==> flow/design.v <==
module my_mul_unit_mod (sys_clk, nrst, a_in, b_in, clear_in, m_out);
    parameter DWIDTH = 4;
    parameter G = 2;
    input sys_clk;
    input nrst;
    input [DWIDTH-1:0] a_in;
    input [DWIDTH-1:0] b_in;
    input clear_in;
    output [2*DWIDTH+G-1:0] m_out;
    reg [DWIDTH-1:0] a_r;
    reg [DWIDTH-1:0] b_r;
    reg clear_r;
    always @(posedge sys_clk or negedge nrst) begin
        if (~nrst) begin
            a_r <= 0;
            b_r <= 0;
            clear_r <= 1'b0;
        end else begin
            a_r <= a_in;
            b_r <= b_in;
            clear_r <= clear_in;
        end
    end
    wire [2*DWIDTH-1:0] work;
    assign work = a_r * b_r;
    reg [2*DWIDTH+G-1:0] accum;
    always @(posedge sys_clk or negedge nrst) begin
        if (~nrst) begin
            accum <= 0;
        end else begin
            accum <= clear_r ? work : accum + work;
        end
    end
    assign m_out = accum;
endmodule
* Tool chain data of my_mul_unit_mod
What the tools print for my_mul_unit_mod, step after step.
Line numbers count from 1 in the design file above.
Cell names lack the library's common part.
A cell with - has no value.
- Top module :: my_mul_unit_mod
- Clock :: sys_clk
- Cell library :: sky130hd
- Library corner :: tt_025C_1v80

* Word-level counts
Source: Yosys, flattened and elaborated, memories not mapped. Widths are those after wreduce; folded enables and synchronous resets count as part of the registers. Registers that Yosys merges into a memory's read port (data or address) are not register bits. Print and check cells do not count. Equal cells are merged and count once.
- Output and inout port bits :: 10
- Flip-flop bits (word level) :: 19
- Multiplexer cells :: 1
- Multiply operators :: 1
- Add/sub/neg operators :: 1
** Operators by type and width (number)
- 4-bit by 4-bit multiplier with 8-bit output :: 1
- 10-bit by 8-bit adder with 10-bit output :: 1
- 10-bit two-way mux :: 1

* Depth
Yosys ltp: most cells in a row. Word level: on the elaborated netlist, between registers, memories and ports. Mapped: between sequential cells and ports; inverters and the memories' decode and read muxes count.
- Depth after elaboration :: 3
- ABC_AREA :: 0
- Depth in mapped cells :: 15
- Gate-level depth less buffers :: 15

* Netlist
Source: synth_stat.txt of the flow (Yosys; design flattened, memories mapped). It holds for the ABC_AREA given above (unset counts as 0); a run with the other value may have another netlist.
- Flip-flops :: 19
- Cell count :: 154
- Mapped area :: 0.0015265 mm^2
- Buffers :: 3
** Cell types
- dfrtp_1 :: number 19, area in all 475.456 um^2
- ha_1 :: number 21, area in all 262.752 um^2
- fa_1 :: number 5, area in all 100.096 um^2
- and2_1 :: number 14, area in all 87.584 um^2
- mux2_1 :: number 4, area in all 45.043 um^2
- a211oi_1 :: number 5, area in all 37.536 um^2
- inv_1 :: number 10, area in all 37.536 um^2
- a211o_1 :: number 4, area in all 35.034 um^2
- a21o_1 :: number 4, area in all 30.029 um^2
- a21oi_1 :: number 6, area in all 30.029 um^2
- nor2_1 :: number 8, area in all 30.029 um^2
- o21a_1 :: number 4, area in all 30.029 um^2
- o21ai_0 :: number 5, area in all 25.024 um^2
- nand2_1 :: number 6, area in all 22.522 um^2
- nor3_1 :: number 4, area in all 20.019 um^2
- o21ai_1 :: number 4, area in all 20.019 um^2
- o21a_2 :: number 2, area in all 17.517 um^2
- xnor2_1 :: number 2, area in all 17.517 um^2
Not listed: further types 24, cells in them 27.

* Worst setup path after synthesis
OpenSTA on the mapped netlist: ideal clock, no wires. The path of least setup slack (recovery checks aside). Input and output delay are each 20% of the period. Register names are those of the netlist, which keeps one name where synthesis merged equal registers.
- Path kind :: register to register
- Start point :: register a_r[0]
- End point :: register accum[7]
- Slack :: 0.923 ns
- Setup time :: 0.101 ns
- Path buffers :: 0
- Clock period :: 4.63 ns
- Time at the first pin :: 0.000 ns
- Data arrival time :: 3.606 ns
- Driving pins on the path :: 15
- Path delay :: 3.707 ns
- Period reached after synthesis :: 3.707 ns
"path delay" is the arrival time less input delay plus setup time.
"driving pins on the path" counts driving pins, that of a launching flip-flop among them; a cell with two outputs on the path counts twice.
"period reached after synthesis" = period - worst setup slack (recovery checks aside). The figure is calculated, with input and output delays left at 20% of the set period.
The rows between start and end are the longest chain of elaborated cells between them; the timing report does not say that the signal goes this way. Where chains are equally long, one stands for them.
Each line given opens the expression or statement behind the cell; cells for indexed reads and writes are added by Yosys, which also makes memories of some case tables.
- Cells stage by stage :: dfrtp_1 -> nand2_1 -> fa_1 -> inv_1 -> fa_1 -> ha_1 -> nor2b_1 -> o21a_1 -> or3_1 -> and2_1 -> ha_1 -> or4_4 -> a21oi_2 -> nor4b_1 -> nor4_1
- Cells in the longest elaborated chain :: 3
- Elaborated cells between the ends (all ways) :: 3
- Source lines of those cells :: 2
** Ends and longest elaborated chain, after synthesis
- start, declared :: RTL line 10 : reg [DWIDTH-1:0] a_r;
- start, assigned :: RTL line 15 : a_r <= 0;
- start, assigned :: RTL line 19 : a_r <= a_in;
- 4-bit by 4-bit multiplier with 8-bit output :: RTL line 25 : assign work = a_r * b_r;
- 10-bit by 8-bit adder with 10-bit output :: RTL line 31 : accum <= clear_r ? work : accum + work;
- 10-bit two-way mux :: RTL line 31
- end, assigned :: RTL line 29 : accum <= 0;
- end, assigned :: RTL line 31
- end, declared :: RTL line 26 : reg [2*DWIDTH+G-1:0] accum;

* Timing after layout
From the final timing report of record 1: the path of least setup slack in the routed layout; clock arrival at registers is part of the times.
- Path kind :: register to register
- Start point :: register b_r[3]
- End point :: register accum[7]
- Data arrival time :: 4.20 ns
- Path buffers :: 0
- Clock period :: 4.63 ns
- Time at the first pin :: 0.25 ns
- Slack :: 0.60 ns
- Driving pins on the path :: 16
- Setup time :: 0.09 ns
The rows between start and end are the longest chain of elaborated cells between them; the timing report does not say that the signal goes this way. Where chains are equally long, one stands for them.
- Cells stage by stage :: dfrtp_1 -> nand2_1 -> fa_1 -> inv_1 -> fa_1 -> inv_1 -> fa_1 -> nor2b_1 -> o21a_1 -> o21ai_0 -> and2_1 -> ha_1 -> or4_4 -> a21oi_2 -> nor4b_1 -> nor4_1
- Cells in the longest elaborated chain :: 3
- Elaborated cells between the ends (all ways) :: 3
- Source lines of those cells :: 2
** Ends and longest elaborated chain, after layout
- start, declared :: RTL line 11 : reg [DWIDTH-1:0] b_r;
- start, assigned :: RTL line 16 : b_r <= 0;
- start, assigned :: RTL line 20 : b_r <= b_in;
- 4-bit by 4-bit multiplier with 8-bit output :: RTL line 25 : assign work = a_r * b_r;
- 10-bit by 8-bit adder with 10-bit output :: RTL line 31 : accum <= clear_r ? work : accum + work;
- 10-bit two-way mux :: RTL line 31
- end, assigned :: RTL line 29 : accum <= 0;
- end, assigned :: RTL line 31
- end, declared :: RTL line 26 : reg [2*DWIDTH+G-1:0] accum;

Memo
Re: implementation data of my_mul_unit_mod

my_mul_unit_mod through Yosys and OpenROAD on sky130hd: 3 stored runs, unordered, with their settings and measured results. The constraints put input and output delay at 20% of the set period each and load the outputs with 0.01 pF.
By "reached clock period" is meant the clock period of the run minus its worst setup slack. This is arithmetic on one report: input and output delays are still those of the set period (20% each).
"critical path time" = time allowed to the worst setup path (clock period - input delay - output delay, where it has them) - its slack; a late launch clock adds to it, a late capture clock takes from it.
By "total power of the final layout" is meant OpenSTA's value without simulated activity: inputs other than the clock are taken to toggle once in ten clock periods, and the tool carries that through the logic.

* Record 1
** Files
==> flow/run.sh <==
#!/bin/bash
# the make line also repeats the synthesis and layout settings of config.mk as NAME=value (left out here)
make -C /OpenROAD-flow-scripts/flow DESIGN_CONFIG=/design/flow/config.mk WORK_HOME=/design/flow/orfs CLKGATE_MAP_FILE= finish
==> flow/config.mk <==
export PLATFORM = sky130hd
export DESIGN_NAME = my_mul_unit_mod
export DESIGN_NICKNAME = my_mul_unit_mod
export VERILOG_FILES = /design/flow/design.v
export SDC_FILE = /design/flow/constraint.sdc
export NUM_CORES = 4
export LEC_CHECK = 0
export CAP_MARGIN = 20
export CORE_MARGIN = 2
export CORE_UTILIZATION = 40
export SLEW_MARGIN = 20
==> flow/constraint.sdc <==
create_clock -name core_clock -period 4.63 [get_ports {sys_clk}]
set_input_delay 0.9260 -clock core_clock [delete_from_list [all_inputs] [get_ports {sys_clk}]]
set_output_delay 0.9260 -clock core_clock [all_outputs]
set_load 0.01 [all_outputs]
** Results
- Chip area in the Yosys report :: 0.0015265 mm^2
- Total power of the final layout :: 854.7 uW
- Full die area :: 0.0043264 mm^2
- Critical path time :: 4.03 ns
- Worst path kind :: register to register
- Worst slack on setup checks :: 0.595 ns
- Reached clock period :: 4.035 ns
- Standard-cell area of the final layout :: 0.001813 mm^2
- Total negative setup slack :: 0.000 ns
- Final design utilization :: 49.5 %
- Worst hold slack in the final report :: 0.621 ns

* Record 2
** Files
==> flow/run.sh <==
#!/bin/bash
# the make line also repeats the synthesis and layout settings of config.mk as NAME=value (left out here)
make -C /OpenROAD-flow-scripts/flow DESIGN_CONFIG=/design/flow/config.mk WORK_HOME=/design/flow/orfs CLKGATE_MAP_FILE= finish
==> flow/config.mk <==
export PLATFORM = sky130hd
export DESIGN_NAME = my_mul_unit_mod
export DESIGN_NICKNAME = my_mul_unit_mod
export VERILOG_FILES = /design/flow/design.v
export SDC_FILE = /design/flow/constraint.sdc
export NUM_CORES = 4
export LEC_CHECK = 0
export CAP_MARGIN = 20
export CELL_PAD_IN_SITES_DETAIL_PLACEMENT = 1
export CELL_PAD_IN_SITES_GLOBAL_PLACEMENT = 0
export CORE_MARGIN = 2
export CORE_UTILIZATION = 65
export CTS_CLUSTER_SIZE = 56
export GPL_ROUTABILITY_DRIVEN = 1
export GPL_TIMING_DRIVEN = 0
export MAX_ROUTING_LAYER = met5
export PLACE_DENSITY_LB_ADDON = 0.17
export SETUP_SLACK_MARGIN = -0.4
export SLEW_MARGIN = 20
==> flow/constraint.sdc <==
create_clock -name core_clock -period 4.09 [get_ports {sys_clk}]
set_input_delay 0.8180 -clock core_clock [delete_from_list [all_inputs] [get_ports {sys_clk}]]
set_output_delay 0.8180 -clock core_clock [all_outputs]
set_load 0.01 [all_outputs]
** Results
No results, placement failed with DPL-0033.

* Record 3
** Files
==> flow/run.sh <==
#!/bin/bash
# the make line also repeats the synthesis and layout settings of config.mk as NAME=value (left out here)
make -C /OpenROAD-flow-scripts/flow DESIGN_CONFIG=/design/flow/config.mk WORK_HOME=/design/flow/orfs CLKGATE_MAP_FILE= finish
==> flow/config.mk <==
export PLATFORM = sky130hd
export DESIGN_NAME = my_mul_unit_mod
export DESIGN_NICKNAME = my_mul_unit_mod
export VERILOG_FILES = /design/flow/design.v
export SDC_FILE = /design/flow/constraint.sdc
export NUM_CORES = 4
export LEC_CHECK = 0
export ABC_AREA = 0
export CAP_MARGIN = 15
export CELL_PAD_IN_SITES_DETAIL_PLACEMENT = 1
export CELL_PAD_IN_SITES_GLOBAL_PLACEMENT = 3
export CORE_ASPECT_RATIO = 0.55
export CORE_MARGIN = 10
export CORE_UTILIZATION = 63
export GPL_ROUTABILITY_DRIVEN = 0
export GPL_TIMING_DRIVEN = 1
export MAX_ROUTING_LAYER = met4
export MIN_ROUTING_LAYER = met1
export PLACE_DENSITY_LB_ADDON = 0.01
export SLEW_MARGIN = 20
==> flow/constraint.sdc <==
create_clock -name core_clock -period 4.06 [get_ports {sys_clk}]
set_input_delay 0.8120 -clock core_clock [delete_from_list [all_inputs] [get_ports {sys_clk}]]
set_output_delay 0.8120 -clock core_clock [all_outputs]
set_load 0.01 [all_outputs]
** Results
No results, placement failed with FLW-0024.
